==> flow/design.v <==
module alu_data_mux_p #(
  parameter int XLEN = 2,
  parameter int NIN = 24,
  parameter int LG = $clog2(NIN)
) (
  input  logic clk_i,
  input  logic aresetn,
  input  logic valid,
  input  logic [NIN*XLEN-1:0] ch,
  input  logic [LG-1:0] s,
  output logic [XLEN-1:0] q
);
  always_ff @(posedge clk_i or negedge aresetn) begin
    if (~aresetn) begin
      q <= 0;
    end else if (valid) begin
      q <= ch[s*XLEN +: XLEN];
    end
  end
endmodule
--- tool output ---
-- From RTL to reports: alu_data_mux_p
Module alu_data_mux_p in several versions that differ in "XLEN"; each step lists the members.
The file above is the member XLEN=2. Line numbers count from 1 in each member's own file.
Cell names lack the library's common part.
Not given: -
- design top: alu_data_mux_p
- clock input: clk_i
- cell library: sky130hd
- timing corner: tt_025C_1v80

-- Members of the sweep
Lines of each other member's file that are new or changed against the file above; lines that a member lacks are not shown.
- new or changed lines (XLEN ; RTL line ; text):
    3 ; 2 ; parameter int XLEN = 3,
    4 ; 2 ; parameter int XLEN = 4,
    10 ; 2 ; parameter int XLEN = 10,

-- Elaborated design
Counts by Yosys on the flattened word-level netlist (proc, flatten, opt, wreduce; memories kept). Register bits leave out memories and registers merged into their read ports (data or address); mux counts leave out enables and synchronous resets folded into registers. Print and check cells are left out. Cells with the same type and inputs are merged into one.
- word-level totals (XLEN ; bits in registers ; input bits ; output and inout bits ; word-level cells):
    2 ; 2 ; 56 ; 2 ; 2
    3 ; 3 ; 80 ; 3 ; 3
    4 ; 4 ; 104 ; 4 ; 2
    10 ; 10 ; 248 ; 10 ; 3
- operators by class (XLEN ; multipliers ; shift-type cells):
    2 ; 0 ; 1
    3 ; 1 ; 1
    4 ; 0 ; 1
    10 ; 1 ; 1
- operators with widths (XLEN ; kind and count):
    2 ; 48-bit by 7-bit indexed select with 2-bit output: 1
    3 ; 72-bit by 8-bit indexed select with 3-bit output: 1; 5-bit by 2-bit multiplier with 7-bit output (second input constant): 1
    4 ; 96-bit by 8-bit indexed select with 4-bit output: 1
    10 ; 240-bit by 10-bit indexed select with 10-bit output: 1; 5-bit by 3-bit multiplier with 8-bit output (second input constant): 1

-- Logic depth
Longest topological path by Yosys (ltp), each cell counted once; first at word level (registers and memories cut), then after technology mapping (sequential cells cut; the memories' decode and read muxes count).
- depth (XLEN ; depth in word-level cells ; ABC_AREA ; mapped depth ; depth with buffers taken out):
    2 ; 1 ; 0 ; 6 ; 4
    3 ; 2 ; 0 ; 6 ; 4
    4 ; 1 ; 0 ; 7 ; 4
    10 ; 2 ; 0 ; 7 ; 4

-- Synthesis result
The flow's flattened synthesis, as Yosys stat reports it; memories are mapped. The netlist is that of the ABC_AREA named above (0 if unset); the other value can give another one.
Totals and module areas in this step are rounded.
- mapped netlist (XLEN ; cell count ; chip area (Yosys) (um2) ; area of sequential cells (um2) ; flip-flop cells ; buffers):
    2 ; 55 ; 520 ; 50 ; 2 ; 4
    3 ; 102 ; 820 ; 75 ; 3 ; 8
    4 ; 134 ; 1100 ; 100 ; 4 ; 12
    10 ; 312 ; 2600 ; 250 ; 10 ; 31
- cell types (XLEN ; types with counts):
    2 ; mux2i_1: 16; mux4_1: 4; dfrtp_1: 2; a22oi_1: 4; nand4_1: 4; mux2_2: 2; nand3_1: 4; a41oi_1: 2; nand2_1: 4; nand3b_1: 2; nor2_1: 4; nor2b_1: 2; buf_6: 1; and2b_1: 1; buf_4: 1; buf_2: 1; clkbuf_1: 1
    3 ; mux2i_1: 36; dfrtp_1: 3; a21oi_1: 9; a22oi_1: 6; nand2_1: 12; nand3_1: 9; buf_8: 2; a41oi_1: 3; nor2b_1: 4; buf_4: 3; buf_6: 2; buf_12: 1; nand4_1: 3; nor2_1: 5; nand2b_1: 2; and2_1: 1; or2_2: 1
    4 ; mux2i_1: 48; dfrtp_1: 4; buf_6: 8; a21oi_1: 12; a22oi_1: 8; nand2_1: 16; nand3_1: 12; a41oi_2: 2; nand4_1: 4; nor2b_1: 4; nor2_1: 5; a41oi_1: 2; buf_8: 1; nand2b_1: 2; and2_4: 1; buf_4: 1; nor2_2: 1; or2_2: 1; [+2]
    10 ; mux2i_1: 120; dfrtp_1: 10; a22oi_1: 30; a41oi_2: 10; a21oi_1: 30; nand3_1: 30; nand2_1: 30; buf_12: 4; buf_4: 6; nor2_1: 11; clkbuf_1: 10; nor2b_1: 4; buf_6: 2; buf_2: 4; buf_8: 1; nand2b_1: 2; buf_1: 3; and2_4: 1; [+4]
A list marked [+n] leaves out that many cells.

-- Worst setup path after synthesis
Source: OpenSTA report_checks on the synthesized netlist (no wires, ideal clock, input and output delay 20% of the period each), path of least setup slack; recovery checks are left aside. Register names are those of the netlist, which keeps one name where synthesis merged equal registers.
- path post-synthesis (XLEN ; kind ; start point ; end point ; clock period (ns) ; setup slack (ns) ; driving pins on the path ; path delay (ns) ; period reached after synthesis (ns)):
    2 ; input to register ; input s[1] ; register q[0] ; 1.87 ; 0.300 ; 5 ; 1.196 ; 1.57
    3 ; input to register ; input s[0] ; register q[0] ; 1.41 ; 0.222 ; 6 ; 0.905 ; 1.188
    4 ; input to register ; input s[0] ; register q[1] ; 1.5 ; 0.241 ; 7 ; 0.959 ; 1.259
    10 ; input to register ; input s[1] ; register q[0] ; 1.64 ; 0.261 ; 6 ; 1.051 ; 1.379
"path delay" = arrival - input delay + setup time.
"driving pins on the path" counts driving pins, that of a launching flip-flop among them; a cell with two outputs on the path counts twice.
"period reached after synthesis" is the clock period less the worst setup slack; recovery checks do not enter. This is arithmetic on one report: input and output delays are still those of the set period (20% each).
Between the ends stands the longest chain of elaborated cells between them, by number of cells; it is not shown to be the way that was timed. Of several equally long chains one is given.
Each line given opens the expression or statement behind the cell; cells for indexed reads and writes are added by Yosys, which also makes memories of some case tables.
On the way, post-synthesis, XLEN=2:
- noted cells in the longest elaborated chain: 1
- RTL lines, path post-synthesis, XLEN=2 (element ; RTL line ; text):
    start: declaration ; 10 ; input  logic [LG-1:0] s,
    48-bit by 7-bit indexed select with 2-bit output ; 17 ; q <= ch[s*XLEN +: XLEN];
    end: assignment ; 15 ; q <= 0;
    end: assignment ; 17 ;
    end: declaration ; 11 ; output logic [XLEN-1:0] q
On the way, post-synthesis, XLEN=10:
- noted cells in the longest elaborated chain: 2
- RTL lines, path post-synthesis, XLEN=10 (element ; RTL line ; text):
    start: declaration ; 10 ; input  logic [LG-1:0] s,
    5-bit by 3-bit multiplier with 8-bit output ; 17 ; q <= ch[s*XLEN +: XLEN];
    240-bit by 10-bit indexed select with 10-bit output ; 17 ;
    end: assignment ; 15 ; q <= 0;
    end: assignment ; 17 ;
    end: declaration ; 11 ; output logic [XLEN-1:0] q

-- Path in the finished layout
Path of least setup slack in the final report of each member's run (OpenROAD, finished layout, wires in). Where an end is a register, its clock arrival counts in the times.
- path post-layout (XLEN ; kind ; start point ; end point ; clock period (ns) ; setup slack (ns) ; driving pins on the path ; arrival (ns) ; buffers on the path):
    2 ; input to register ; input s[2] ; register q[0] ; 1.87 ; 0.15 ; 6 ; 1.86 ; 2
    3 ; input to register ; input s[3] ; register q[1] ; 1.41 ; 0.02 ; 5 ; 1.56 ; 1
    4 ; register to output ; register q[2] ; output q[2] ; 1.5 ; 0.02 ; 2 ; 1.18 ; 1
    10 ; input to register ; input s[4] ; register q[5] ; 1.64 ; 0.07 ; 5 ; 1.75 ; 1

-- Layout results
Settings and results of one run of the flow (Yosys, OpenROAD) for each member follow. The constraints put input and output delay at 20% of the set period each and load the outputs with 0.01 pF.
- noted CAP_MARGIN: 20
- CORE_MARGIN at 2
- noted CORE_UTILIZATION: 40
- noted SLEW_MARGIN: 20
- settings by member (XLEN ; period_ns):
    2 ; 1.87
    3 ; 1.41
    4 ; 1.5
    10 ; 1.64
- final reports (XLEN ; Yosys chip area after synthesis (um2) ; die area (um2) ; std-cell area (final layout) (um2) ; lowest setup slack (ns)):
    2 ; 520 ; 1600 ; 1100 ; 0.15
    3 ; 820 ; 2400 ; 1800 ; 0.018
    4 ; 1100 ; 3200 ; 2200 ; 0.021
    10 ; 2600 ; 7200 ; 5400 ; 0.070
Values from the reports are rounded here.
--- end ---
